==> flow/design.v <==
module add_unit_top #(
    parameter integer DW = 5,
    parameter integer NIN = 12,
    parameter integer SUM_W = DW + $clog2(NIN)
) (
    input logic aclk,
    input logic [NIN*DW-1:0] bus,
    output logic [SUM_W-1:0] o
);
    logic [NIN*DW-1:0] bus_reg;
    always_ff @(posedge aclk)
        bus_reg <= bus;
    logic [SUM_W-1:0] work;
    always_comb begin
        work = 0;
        for (int n = 0; n < NIN; n++)
            work = work + bus_reg[n*DW +: DW];
    end
    assign o = work;
endmodule
Tool chain data of add_unit_top

What the tools print for add_unit_top, step after step.
Line numbers count from 1 in the design file above.
Operators: Yosys type, input widths -> output width; for muxes data width and select width s.
Cell names lack the library's common part.
A cell with -- has no value.

Top: add_unit_top
Clock: aclk
Standard-cell library: sky130hd
Library corner: tt_025C_1v80

Elaborated design

Counts by Yosys on the flattened word-level netlist (proc, flatten, opt, wreduce; memories kept). Register bits leave out memories and registers merged into their read ports (data or address); mux counts leave out enables and synchronous resets folded into registers. Print and check cells are left out. Cells with the same type and inputs are merged into one.

ROM bits: 0
Memory bits (writable): 0
Output and inout bits: 9
Cells after elaboration: 12
Register bits: 60
Input port bits: 61
Clocked read ports x word width: 0
Memory cells: 0
Bits in latches: 0

Magnitude comparators: 0
Mux-type cells: 0
Equality and inequality tests: 0
Reductions and logical operators: 0
Multipliers: 0
Bitwise logic cells: 0
Divide/modulo/power cells: 0
$add $sub $neg: 11
Shift operators: 0

Operator list:

| operator    | number |
| $add 9x5->9 | 7 |
| $add 8x5->9 | 1 |
| $add 7x5->8 | 1 |
| $add 6x5->7 | 1 |
| $add 5x5->6 | 1 |

Logic depth

Longest topological path by Yosys (ltp), each cell counted once; first at word level (registers and memories cut), then after technology mapping (sequential cells cut; the memories' decode and read muxes count).

Depth in word-level cells: 11
ABC_AREA: 0
Depth in mapped cells: 18
Gate-level depth less buffers: 18

After synthesis

Source: synth_stat.txt of the flow (Yosys; design flattened, memories mapped). It holds for the ABC_AREA given above (unset counts as 0); a run with the other value may have another netlist.

Buffers: 0
Cell area after synthesis: 2,697.6 µm²
Mapped cells: 204
Sequential area: 1,201.2 µm²
Flip-flops: 60

Cells by type:

| cell type | number | total area (µm²) |
| dfxtp_1   | 60     | 1.2E+03 |
| fa_1      | 47     | 940.902 |
| inv_1     | 66     | 247.738 |
| ha_1      | 14     | 175.168 |
| xnor2_1   | 3      | 26.275 |
| nor2b_4   | 1      | 13.763 |
| a211oi_2  | 1      | 12.512 |
| a21oi_1   | 2      | 10.01 |
| o21ai_0   | 2      | 10.01 |
| o31a_2    | 1      | 10.01 |
| a21oi_2   | 1      | 8.758 |
| o21ai_2   | 1      | 8.758 |
| a21o_1    | 1      | 7.507 |
| o21a_1    | 1      | 7.507 |
| o21bai_1  | 1      | 7.507 |
| nand2b_1  | 1      | 6.256 |
| nor2_1    | 1      | 3.754 |

Worst setup path after synthesis

Path of least setup slack by OpenSTA after synthesis, without wires, with an ideal clock, recovery checks aside; 20% of the period is set as input and as output delay. Where synthesis merged equal registers, the netlist keeps one of their names.

Path kind: reg2out
From: register bus_reg[2]
To: output o[6]
Data required time: 5,160 ps
Data arrival time: 4,126 ps
Buffers on the path: 0
Launch time at the first pin: 0 ps
Path slack: 1,034 ps
Stages: 16
Delay of the path: 4,126 ps
Period: 6,450 ps
Output delay: 1,290 ps
Synthesis period reached: 5,416 ps

"delay of the path" = arrival - input delay + setup time.
A path that ends at an output port has no setup time.
"stages": output pins that drive a net of the path, with the launching flip-flop's if there is one; two outputs of one cell count as two.
"synthesis period reached" is the clock period less the worst setup slack; recovery checks do not enter. This is arithmetic on one report: input and output delays are still those of the set period (20% each).
Between the ends stands the longest chain of elaborated cells between them, by number of cells; it is not shown to be the way that was timed. Of several equally long chains one is given.
Each line given opens the expression or statement behind the cell; cells for indexed reads and writes are added by Yosys, which also makes memories of some case tables.

Cell sequence: dfxtp_1 -> inv_1 -> fa_1 -> inv_1 -> fa_1 -> fa_1 -> fa_1 -> inv_1 -> fa_1 -> inv_1 -> ha_1 -> inv_1 -> fa_1 -> nor2b_4 -> o31a_2 -> a21oi_1
Length of the longest elaborated chain: 11
Elaborated cells on any way between the ends: 11
Source lines of those cells: 1
Those cells by class: add/sub (11)

RTL lines, path post-synthesis:

| item                     | RTL line | source |
| from (decl)              | 10       | `logic [NIN*DW-1:0] bus_reg;` |
| from (assign)            | 12       | `bus_reg <= bus;` |
| $add 5x5->6              | 17       | `work = work + bus_reg[n*DW +: DW];` |
| $add 6x5->7              | 17       |  |
| $add 7x5->8              | 17       |  |
| $add 8x5->9              | 17       |  |
| $add 9x5->9 (7 in a row) | 17       |  |
| to (decl)                | 8        | `output logic [SUM_W-1:0] o` |

Path in the finished layout

Path of least setup slack in the final report of run 1 (OpenROAD, finished layout, wires in). Where an end is a register, its clock arrival counts in the times.
The report prints the path's times to 10 ps; the period is as set.

Path kind: reg2out
From: register bus_reg[12]
To: output o[8]
Data required time: 3,870 ps
Output delay: 970 ps
Launch time at the first pin: 330 ps
Buffers on the path: 1
Stages: 18
Path slack: -540 ps
Data arrival time: 4,410 ps
Period: 4,840 ps

Between the ends stands the longest chain of elaborated cells between them, by number of cells; it is not shown to be the way that was timed. Of several equally long chains one is given.

Cell sequence: dfxtp_2 -> inv_2 -> fa_1 -> inv_2 -> fa_1 -> fa_1 -> fa_1 -> inv_1 -> fa_1 -> inv_2 -> ha_4 -> inv_2 -> fa_2 -> nor2b_4 -> o31a_4 -> o21ai_2 -> nand2b_1 -> buf_2
Length of the longest elaborated chain: 10
Elaborated cells on any way between the ends: 10
Source lines of those cells: 1
Those cells by class: add/sub (10)

RTL lines, path after layout:

| item                     | RTL line | source |
| from (decl)              | 10       | `logic [NIN*DW-1:0] bus_reg;` |
| from (assign)            | 12       | `bus_reg <= bus;` |
| $add 6x5->7              | 17       | `work = work + bus_reg[n*DW +: DW];` |
| $add 7x5->8              | 17       |  |
| $add 8x5->9              | 17       |  |
| $add 9x5->9 (7 in a row) | 17       |  |
| to (decl)                | 8        | `output logic [SUM_W-1:0] o` |

Module add_unit_top, platform sky130hd: 3 stored runs of the flow (Yosys, OpenROAD) with differing settings, in no particular order. Input and output delays are each 20% of the period that was set; the output load is 0.01 pF.
By "allowed time less slack (worst setup path)" is meant the share of the clock period that the worst setup path is allowed (20% is reserved at inputs, 20% at outputs), minus its slack. Clock arrival times at its registers enter into it.
"power consumption" rests on the timing tool's default activity at the inputs, not on a simulated workload.
"allowed time less slack (worst setup path)" is given in steps of 10 ps.
Settings: -- = not set for that run.

| item                                            | run 1    | run 2   | run 3   |
| period_ns                                       | 4.84     | 6.45    | 8.86    |
| CORE_UTILIZATION                                | 32       | 40      | 45      |
| SETUP_SLACK_MARGIN                              | -0.09    | --      | 0.14    |
| PLACE_DENSITY_LB_ADDON                          | 0.27     | --      | --      |
| CORE_MARGIN                                     | 7        | 2       | 3       |
| GPL_ROUTABILITY_DRIVEN                          | 0        | --      | --      |
| CTS_CLUSTER_DIAMETER                            | 66       | --      | --      |
| CAP_MARGIN                                      | 25       | 20      | 40      |
| MAX_ROUTING_LAYER                               | met4     | --      | met5    |
| SLEW_MARGIN                                     | 20       | 20      | 20      |
| CORE_ASPECT_RATIO                               | --       | --      | 0.66    |
| CELL_PAD_IN_SITES_DETAIL_PLACEMENT              | --       | --      | 0       |
| TNS_END_PERCENT                                 | --       | --      | 30      |
| GPL_TIMING_DRIVEN                               | --       | --      | 0       |
| MIN_ROUTING_LAYER                               | --       | --      | met2    |
| area of the synthesized netlist (µm²)           | 2,697.6  | 2,697.6 | 2,697.6 |
| full die area (µm²)                             | 11,196.8 | 7,416.6 | 6,979.9 |
| standard-cell area after layout (µm²)           | 3,787.4  | 3,634.7 | 3,703.6 |
| utilization (%)                                 | 46.3     | 56.6    | 65.3    |
| setup slack of the worst path (ps)              | -540     | 258     | 1,934   |
| power consumption (mW)                          | 3.114    | 2.086   | 1.630   |
| allowed time less slack (worst setup path) (ps) | 4,410    | 4,900   | 5,150   |
| critical path kind                              | reg2out  | reg2out | reg2out |
